==> flow/design.v <==
module sync_relation_stage #(
    parameter WIDTH = 16
) (
    input  logic clk,
    input  logic rst_n,
    input  logic [WIDTH-1:0] i_rs1,
    input  logic [WIDTH-1:0] i_rs2,
    output logic o_above,
    output logic o_a_eq_b
);
    logic [WIDTH-1:0] rs1_r;
    always_ff @(posedge clk or negedge rst_n) begin
        if (!rst_n) begin
            rs1_r <= 0;
        end else begin
            rs1_r <= i_rs1;
        end
    end
    logic [WIDTH-1:0] rs2_r;
    always_ff @(posedge clk or negedge rst_n) begin
        if (!rst_n) begin
            rs2_r <= 0;
        end else begin
            rs2_r <= i_rs2;
        end
    end
    localparam NBLK = WIDTH / 4;
    logic [NBLK:0] g;
    logic [NBLK:0] e;
    assign g[0] = 1'b0;
    assign e[0] = 1'b1;
    for (genvar gi = 0; gi < NBLK; gi++) begin : lane
        cmp4 unit (.a(rs1_r[4*gi +: 4]), .b(rs2_r[4*gi +: 4]), .gi(g[gi]), .ei(e[gi]), .go(g[gi+1]), .eo(e[gi+1]));
    end
    always_ff @(posedge clk or negedge rst_n) begin
        if (!rst_n) begin
            o_above <= 1'b0;
        end else begin
            o_above <= g[NBLK];
        end
    end
    always_ff @(posedge clk or negedge rst_n) begin
        if (!rst_n) begin
            o_a_eq_b <= 1'b0;
        end else begin
            o_a_eq_b <= e[NBLK];
        end
    end
endmodule
module cmp4 (
    input logic [3:0] a,
    input logic [3:0] b,
    input logic gi,
    input logic ei,
    output logic go,
    output logic eo
);
    assign go = (a > b) | ((a == b) & gi);
    assign eo = (a == b) & ei;
endmodule
# --- Reports on sync_relation_stage ---
# What the tools print for sync_relation_stage, step after step.
# Lines are those of the file above, counted from 1.
# Cell names lack the library's common part.
setup:
  top: "sync_relation_stage"
  clk_port: "clk"
  lib: "sky130hd"
  lib_corner: "tt_025C_1v80"

# --- Word-level counts ---
# Yosys after proc, flatten, opt, wreduce and memory -nomap, before mapping. Enables and synchronous resets that opt folds into registers are not counted as muxes. Memory bits, and registers merged into a memory's read port (data or address), are not among the register bits. Print and check cells are not counted. Equal cells are merged and count once.
word_totals:
  output_inout_bits: 2
  reg_bits: 34
classes:
  equal: 4
  bitwise: 9
  cmp: 4
ops:
  columns: ["cell", "count"]
  rows:
  - ["> comparator 4 bit", 4]
  - ["equality test 4 bit", 4]
  - ["bitwise AND 1 bit", 6]
  - ["bitwise OR 1 bit", 3]

# --- Longest topological paths ---
# Depth = most cells in a row (Yosys ltp): at word level without a register or memory, in the mapped netlist without a sequential cell, where the memories' decode and read muxes count.
depth:
  ltp_word: 7
  ABC_AREA: 0
  depth_mapped: 7
  mapped_depth_nobuf: 7

# --- After synthesis ---
# Yosys stat after the flow's synthesis: flattened, memories mapped to cells. It holds for the ABC_AREA given above (unset counts as 0); a run with the other value may have another netlist.
# Totals and module areas in this step are rounded.
by_type:
  columns: ["type", "count", "area_total_um2"]
  rows:
  - ["dfrtp_1", 34, 850.816]
  - ["ha_1", 16, 200.192]
  - ["inv_1", 18, 67.565]
  - ["o21ai_0", 6, 30.029]
  - ["a21oi_1", 4, 20.019]
  - ["nand4_1", 3, 18.768]
  - ["nand4_2", 1, 12.512]
  - ["nor2_1", 3, 11.261]
  - ["o21ai_1", 2, 10.01]
  - ["and2b_2", 1, 8.758]
  - ["nand3b_1", 1, 7.507]
  - ["nor3b_1", 1, 7.507]
  - ["a31oi_1", 1, 6.256]
  - ["nand2b_1", 1, 6.256]
  - ["nor4_1", 1, 6.256]
  - ["nor3_1", 1, 5.005]
  - ["nand2_1", 1, 3.754]
synth_totals:
  mapped_cells: 95
  ff_cells: 34
  synth_area_um2: 1270
  sequential_area_um2: 851
# By module: a second synthesis without flattening, with its own total; a netlist apart from the flattened one above.
unflattened:
  cells_unflattened: 100
  area_unflattened_um2: 1290
# Rows give one instance, submodules left out.
modules:
  columns: ["mod", "mod_area_um2", "cells", "instances"]
  rows:
  - ["sync_relation_stage", 858, 36, 1]
  - ["cmp4", 108, 16, 4]

# --- Timing after synthesis ---
# Source: OpenSTA report_checks on the synthesized netlist (no wires, ideal clock, input and output delay 20% of the period each), path of least setup slack; recovery checks are left aside. Register names are those of the netlist, which keeps one name where synthesis merged equal registers.
synth_timing:
  path_type: "register -> register"
  from: "register rs2_r[9]"
  to: "register o_above"
  t_first_pin_ps: 0
  tclk_ps: 1540
  path_delay_ps: 1234
  setup_slack_ps: 306
  setup_ps: 127
  path_stages: 8
  arrival_ps: 1107
  synth_period_reached_ps: 1234
# "path_delay_ps" is the arrival time less input delay plus setup time.
# "path_stages": output pins that drive a net of the path, with the launching flip-flop's if there is one; two outputs of one cell count as two.
# "synth_period_reached_ps" is the clock period less the worst setup slack; recovery checks do not enter. This is arithmetic on one report: input and output delays are still those of the set period (20% each).
# Between the ends stands the longest chain of elaborated cells between them, by number of cells; it is not shown to be the way that was timed. Of several equally long chains one is given.
# Each line given opens the expression or statement behind the cell; cells for indexed reads and writes are added by Yosys, which also makes memories of some case tables.
synth_via:
  cell_sequence: "dfrtp_1 inv_1 ha_1 and2b_2 nor3_1 o21ai_1 o21ai_1 a31oi_1"
  elab_chain_cells: 5
  cone_cells: 6
  cone_classes: "compare: 1; eq/ne: 1; logic: 4"
synth_rtl:
  columns: ["element", "line_no", "text"]
  rows:
  - ["from (decl)", 19, "logic [WIDTH-1:0] rs2_r;"]
  - ["from (assign)", 22, "rs2_r <= 0;"]
  - ["from (assign)", 24, "rs2_r <= i_rs2;"]
  - ["equality test 4 bit", 58, "assign go = (a > b) | ((a == b) & gi);"]
  - ["bitwise AND 1 bit", 58, null]
  - ["bitwise OR 1 bit", 58, null]
  - ["bitwise AND 1 bit", 58, null]
  - ["bitwise OR 1 bit", 58, null]
  - ["to (assign)", 37, "o_above <= 1'b0;"]
  - ["to (assign)", 39, "o_above <= g[NBLK];"]
  - ["to (decl)", 8, "output logic o_above,"]

# --- Timing after layout ---
# From the final timing report of run A: the path of least setup slack in the routed layout; clock arrival at registers is part of the times.
# The path's times are printed in steps of 10 ps; the period is the one set.
layout_timing:
  path_type: "register -> output"
  from: "register o_above"
  to: "output port o_above"
  setup_slack_ps: 40
  tclk_ps: 1540
  arrival_ps: 1200
  output_delay_ps: 310
  t_first_pin_ps: 320
  path_stages: 2
layout_via:
  cell_sequence: "dfrtp_1 clkdlybuf4s50_1"
  elab_chain_cells: 0
  cone_cells: 0
  lines_between: 0
layout_rtl:
  columns: ["element", "line_no", "text"]
  rows:
  - ["from (decl)", 8, "output logic o_above,"]
  - ["from (assign)", 37, "o_above <= 1'b0;"]
  - ["from (assign)", 39, "o_above <= g[NBLK];"]
  - ["to (decl)", 8, null]

# Settings and measured results of 3 stored flow runs for module sync_relation_stage (sky130hd), not sorted in any way. The constraints put input and output delay at 20% of the set period each and load the outputs with 0.01 pF.
# Results are given in rounded form.
runs:
  - name: "run A"
    settings:
      period_ns: 1.54
      CAP_MARGIN: 20
      CORE_MARGIN: 2
      CORE_UTILIZATION: 40
      SLEW_MARGIN: 20
    results:
      synthesis_area_um2: 1270
      die_area_um2: 3650
      finish.utilization_frac: 0.576
      worst_setup_slack_ps: 37
      total_negative_slack_ps: 0
  - name: "run B"
    settings:
      period_ns: 0.751
      CORE_UTILIZATION: 22
      PLACE_DENSITY_LB_ADDON: 0.14
      CORE_MARGIN: 6
      CELL_PAD_IN_SITES_GLOBAL_PLACEMENT: 1
      CELL_PAD_IN_SITES_DETAIL_PLACEMENT: 1
      TNS_END_PERCENT: 90
      ABC_AREA: 1
      GPL_ROUTABILITY_DRIVEN: 0
      CAP_MARGIN: 10
      MAX_ROUTING_LAYER: "met5"
      SLEW_MARGIN: 20
    results:
      synthesis_area_um2: 1330
      die_area_um2: 8060
      finish.utilization_frac: 0.362
      worst_setup_slack_ps: -470
      total_negative_slack_ps: -1280
  - name: "run C"
    settings:
      period_ns: 0.839
      CORE_UTILIZATION: 39
      SETUP_SLACK_MARGIN: 0.21
      PLACE_DENSITY_LB_ADDON: 0.19
      ABC_AREA: 0
      GPL_ROUTABILITY_DRIVEN: 0
      CTS_CLUSTER_SIZE: 91
      CTS_CLUSTER_DIAMETER: 361
      SLEW_MARGIN: 30
      CAP_MARGIN: 20
      CORE_MARGIN: 2
    results:
      synthesis_area_um2: 1270
      die_area_um2: 3740
      finish.utilization_frac: 0.613
      worst_setup_slack_ps: -511
      total_negative_slack_ps: -1240
